==> flow/design.v <==
module my_diff_unit_fa (
  input logic a,
  input logic b,
  input logic ci,
  output logic s,
  output logic co
);
  wire p = a ^ b;
  assign s = p ^ ci;
  assign co = p ? ci : a;
endmodule
module my_diff_unit #(
  parameter W = 40
) (
  input logic clk,
  input logic [W-1:0] in_da,
  input logic [W-1:0] in_db,
  input logic in_do_sub,
  output logic [W-1:0] out_res,
  output logic out_carry_out
);
  logic [W-1:0] da_s;
  always_ff @(posedge clk) begin
    da_s <= in_da;
  end
  logic [W-1:0] db_s;
  always_ff @(posedge clk) begin
    db_s <= in_db;
  end
  logic do_sub_s;
  always_ff @(posedge clk) begin
    do_sub_s <= in_do_sub;
  end
  logic [W-1:0] tmp;
  logic [W:0] carry;
  assign carry[0] = do_sub_s;
  for (genvar i = 0; i < W; i++) begin : gen
    my_diff_unit_fa inst (.a(da_s[i]), .b(db_s[i] ^ do_sub_s), .ci(carry[i]), .s(tmp[i]), .co(carry[i+1]));
  end
  logic [W-1:0] res_s;
  always_ff @(posedge clk) begin
    res_s <= tmp;
  end
  assign out_res = res_s;
  logic carry_out_s;
  always_ff @(posedge clk) begin
    carry_out_s <= carry[W];
  end
  assign out_carry_out = carry_out_s;
endmodule
# Reports on my_diff_unit
# What the tools print for my_diff_unit, step after step.
# Lines are those of the file above, counted from 1.
# Operators: Yosys type, input widths -> output width; for muxes data width and select width s.
# Library cell names are shortened.
# Not given: n/a
dict set report design {
  top {my_diff_unit}
  clk_port {clk}
  cell_library {sky130hd}
  lib_corner {tt_025C_1v80}
}

# Elaborated design
# Counts by Yosys on the flattened word-level netlist (proc, flatten, opt, wreduce; memories kept). Register bits leave out memories and registers merged into their read ports (data or address); mux counts leave out enables and synchronous resets folded into registers. Print and check cells are left out. Cells with the same type and inputs are merged into one.
dict set report word_totals {
  register_bits 122
  input_bits 82
  out_inout_bits 41
  elab_cells 165
}
dict set report op_classes {
  muxes 40
  logic 120
}
# operator count
set ops {}
lappend ops {{$xor 1x1->1} 120}
lappend ops {{$mux 1} 40}

# Depth
# Depth = most cells in a row (Yosys ltp): at word level without a register or memory, in the mapped netlist without a sequential cell, where the memories' decode and read muxes count.
dict set report depth {
  word_depth 42
  abc_area 0
  ltp_mapped 21
  ltp_nobuf 18
}

# After synthesis
# Source: synth_stat.txt of the flow (Yosys; design flattened, memories mapped). It holds for the ABC_AREA given above (unset counts as 0); a run with the other value may have another netlist.
# Totals and module areas in this step are rounded.
dict set report synth_totals {
  stdcells 710
  mapped_area_um2 6300
  seqArea_um2 2400
  ff_cells 122
  buf_cells 43
}
# cell count type_area_um2
set types {}
lappend types {dfxtp_1 122 2.44E+03}
lappend types {xnor2_1 77 674.397}
lappend types {xor2_1 35 306.544}
lappend types {nand2_1 58 217.709}
lappend types {o21ai_0 42 210.202}
lappend types {a21oi_1 39 195.187}
lappend types {nand2b_1 25 156.4}
lappend types {a31oi_1 23 143.888}
lappend types {nor2_1 34 127.622}
lappend types {nand3_1 22 110.106}
lappend types {a211oi_1 12 90.086}
lappend types {clkbuf_1 24 90.086}
lappend types {inv_1 24 90.086}
lappend types {maj3_1 9 90.086}
lappend types {and2_1 11 68.816}
lappend types {nor2b_1 10 62.56}
lappend types {o22ai_1 10 62.56}
lappend types {o211ai_1 8 60.058}
# Not listed: further types 58, cells in them 125.
# By module: a second synthesis without flattening, with its own total; a netlist apart from the flattened one above.
dict set report unflattened {
  cells_unflattened 247
  hier_area_um2 4200
}
# Each row is one instance without its submodules.
# mod instances cells mod_area_um2 mod_seq_area_um2
set modules {}
lappend modules {my_diff_unit 1 167 2900 2400}
lappend modules {my_diff_unit_fa 40 2 34 0.0}

# Timing after synthesis
# Path of least setup slack by OpenSTA after synthesis, without wires, with an ideal clock, recovery checks aside; 20% of the period is set as input and as output delay. Where synthesis merged equal registers, the netlist keeps one of their names.
dict set report synth_timing {
  path_type {reg-to-reg}
  from {register db_s[1]}
  to {register res_s[37]}
  tclk_ns 5.31
  setup_time_ns 0.133
  t_first_pin_ns 0.000
  t_arrival_ns 4.117
  required_time_ns 5.177
  path_slack_ns 1.059
  path_delay_ns 4.250
  driving_pins 19
  path_buffers 1
  period_less_setup_slack_ns 4.251
}
# "path_delay_ns" is the arrival time less input delay plus setup time.
# "driving_pins": output pins that drive a net of the path, with the launching flip-flop's if there is one; two outputs of one cell count as two.
# "period_less_setup_slack_ns" is the clock period less the worst setup slack; recovery checks do not enter. This is arithmetic on one report: input and output delays are still those of the set period (20% each).
# Between the ends stands the longest chain of elaborated cells between them, by number of cells; it is not shown to be the way that was timed. Of several equally long chains one is given.
# A line is the first line of the expression or statement that the cell stems from. Yosys adds cells for indexed reads and writes and turns some case tables into memories.
dict set report synth_between {
  cell_sequence {dfxtp_1 clkbuf_1 maj3_2 a311oi_1 a311oi_2 a21oi_4 maj3_4 o22ai_1 nand4_4 a311oi_4 o211ai_4 a211oi_2 a211oi_2 nor4_1 a221oi_2 a31oi_1 nand3_1 a2111oi_0 nor4_1}
  elab_chain_len 39
  cone_cells 39
  lines_between 4
  cone_classes {mux (36); logic (3)}
}
# element line
set synth_lines {}
lappend synth_lines {{start: declaration} 26} ;# logic [W-1:0] db_s;
lappend synth_lines {{start: assignment} 28} ;# db_s <= in_db;
lappend synth_lines {{$xor 1x1->1} 38} ;# my_diff_unit_fa inst (.a(da_s[i]), .b(db_s[i] ^ do_sub_s), .ci(carry[i]), .s(tmp[i]), .co(carry[i+1]));
lappend synth_lines {{$xor 1x1->1} 8} ;# wire p = a ^ b;
lappend synth_lines {{$mux 1 x36} 10} ;# assign co = p ? ci : a;
lappend synth_lines {{$xor 1x1->1} 9} ;# assign s = p ^ ci;
lappend synth_lines {{end: assignment} 42} ;# res_s <= tmp;
lappend synth_lines {{end: declaration} 40} ;# logic [W-1:0] res_s;

# Path in the finished layout
# Path of least setup slack in the final report of job 1 (OpenROAD, finished layout, wires in). Where an end is a register, its clock arrival counts in the times.
dict set report layout_timing {
  path_type {reg-to-reg}
  from {register db_s[0]}
  to {register res_s[37]}
  tclk_ns 5.31
  setup_time_ns 0.13
  t_first_pin_ns 0.42
  t_arrival_ns 5.02
  required_time_ns 5.60
  path_slack_ns 0.58
  driving_pins 19
  path_buffers 0
}
# Between the ends stands the longest chain of elaborated cells between them, by number of cells; it is not shown to be the way that was timed. Of several equally long chains one is given.
dict set report layout_between {
  cell_sequence {dfxtp_1 nor2b_4 maj3_2 a311oi_1 a311oi_2 a21oi_4 maj3_4 o22ai_1 nand4_4 a311oi_4 o211ai_4 a211oi_2 a211oi_2 nor4_1 a221oi_2 a31oi_1 nand3_1 a2111oi_0 nor4_1}
  elab_chain_len 40
  cone_cells 40
  lines_between 4
  cone_classes {mux (37); logic (3)}
}
# element line
set layout_lines {}
lappend layout_lines {{start: declaration} 26} ;# logic [W-1:0] db_s;
lappend layout_lines {{start: assignment} 28} ;# db_s <= in_db;
lappend layout_lines {{$xor 1x1->1} 38} ;# my_diff_unit_fa inst (.a(da_s[i]), .b(db_s[i] ^ do_sub_s), .ci(carry[i]), .s(tmp[i]), .co(carry[i+1]));
lappend layout_lines {{$xor 1x1->1} 8} ;# wire p = a ^ b;
lappend layout_lines {{$mux 1 x37} 10} ;# assign co = p ? ci : a;
lappend layout_lines {{$xor 1x1->1} 9} ;# assign s = p ^ ci;
lappend layout_lines {{end: assignment} 42} ;# res_s <= tmp;
lappend layout_lines {{end: declaration} 40} ;# logic [W-1:0] res_s;

# Measured results for my_diff_unit: 3 stored runs of the Yosys and OpenROAD flow on sky130hd. The settings differ; the order carries no meaning. The constraints put input and output delay at 20% of the set period each and load the outputs with 0.01 pF.
# "period_reached_ns": clock period set for the run, less the worst setup slack. It is reckoned from that one timing run; input and output delays stay at 20% of the period that was set.
# "timing.worst_path_ns" = time allowed to the worst setup path (clock period - input delay - output delay, where it has them) - its slack; a late launch clock adds to it, a late capture clock takes from it.
# Results are given in rounded form.
run="job 1" settings period_ns=5.31 CAP_MARGIN=20 CORE_MARGIN=2 CORE_UTILIZATION=40 SLEW_MARGIN=20
run="job 1" results timing.worst_path_ns=4.73 timing.worst_path_kind="reg-to-reg" utilization_pct=54 worst_setup_slack_ns=0.58 synthesis_area_um2=6300 holdWs_ns=0.60 period_reached_ns=4.731 final_die_area_um2=17000
run="job 2" settings period_ns=2.88 CORE_UTILIZATION=16 SETUP_SLACK_MARGIN=0.05 PLACE_DENSITY=0.51 CORE_ASPECT_RATIO=1.49 CELL_PAD_IN_SITES_GLOBAL_PLACEMENT=1 CTS_CLUSTER_SIZE=76 CTS_CLUSTER_DIAMETER=151 SLEW_MARGIN=0 MAX_ROUTING_LAYER="met4" CAP_MARGIN=20 CORE_MARGIN=2
run="job 2" results timing.worst_path_ns=4.45 timing.worst_path_kind="reg-to-reg" utilization_pct=27 worst_setup_slack_ns=-1.6 synthesis_area_um2=6300 holdWs_ns=0.56 period_reached_ns=4.453 final_die_area_um2=41000
run="job 3" settings period_ns=6.85 CORE_UTILIZATION=22 SETUP_SLACK_MARGIN=-0.04 PLACE_DENSITY_LB_ADDON=0.15 CORE_ASPECT_RATIO=1.43 ABC_AREA=0 GPL_TIMING_DRIVEN=1 SLEW_MARGIN=10 MIN_ROUTING_LAYER="met1" CAP_MARGIN=20 CORE_MARGIN=2
run="job 3" results timing.worst_path_ns=5.22 timing.worst_path_kind="reg-to-reg" utilization_pct=30 worst_setup_slack_ns=1.6 synthesis_area_um2=6300 holdWs_ns=0.57 period_reached_ns=5.218 final_die_area_um2=30000
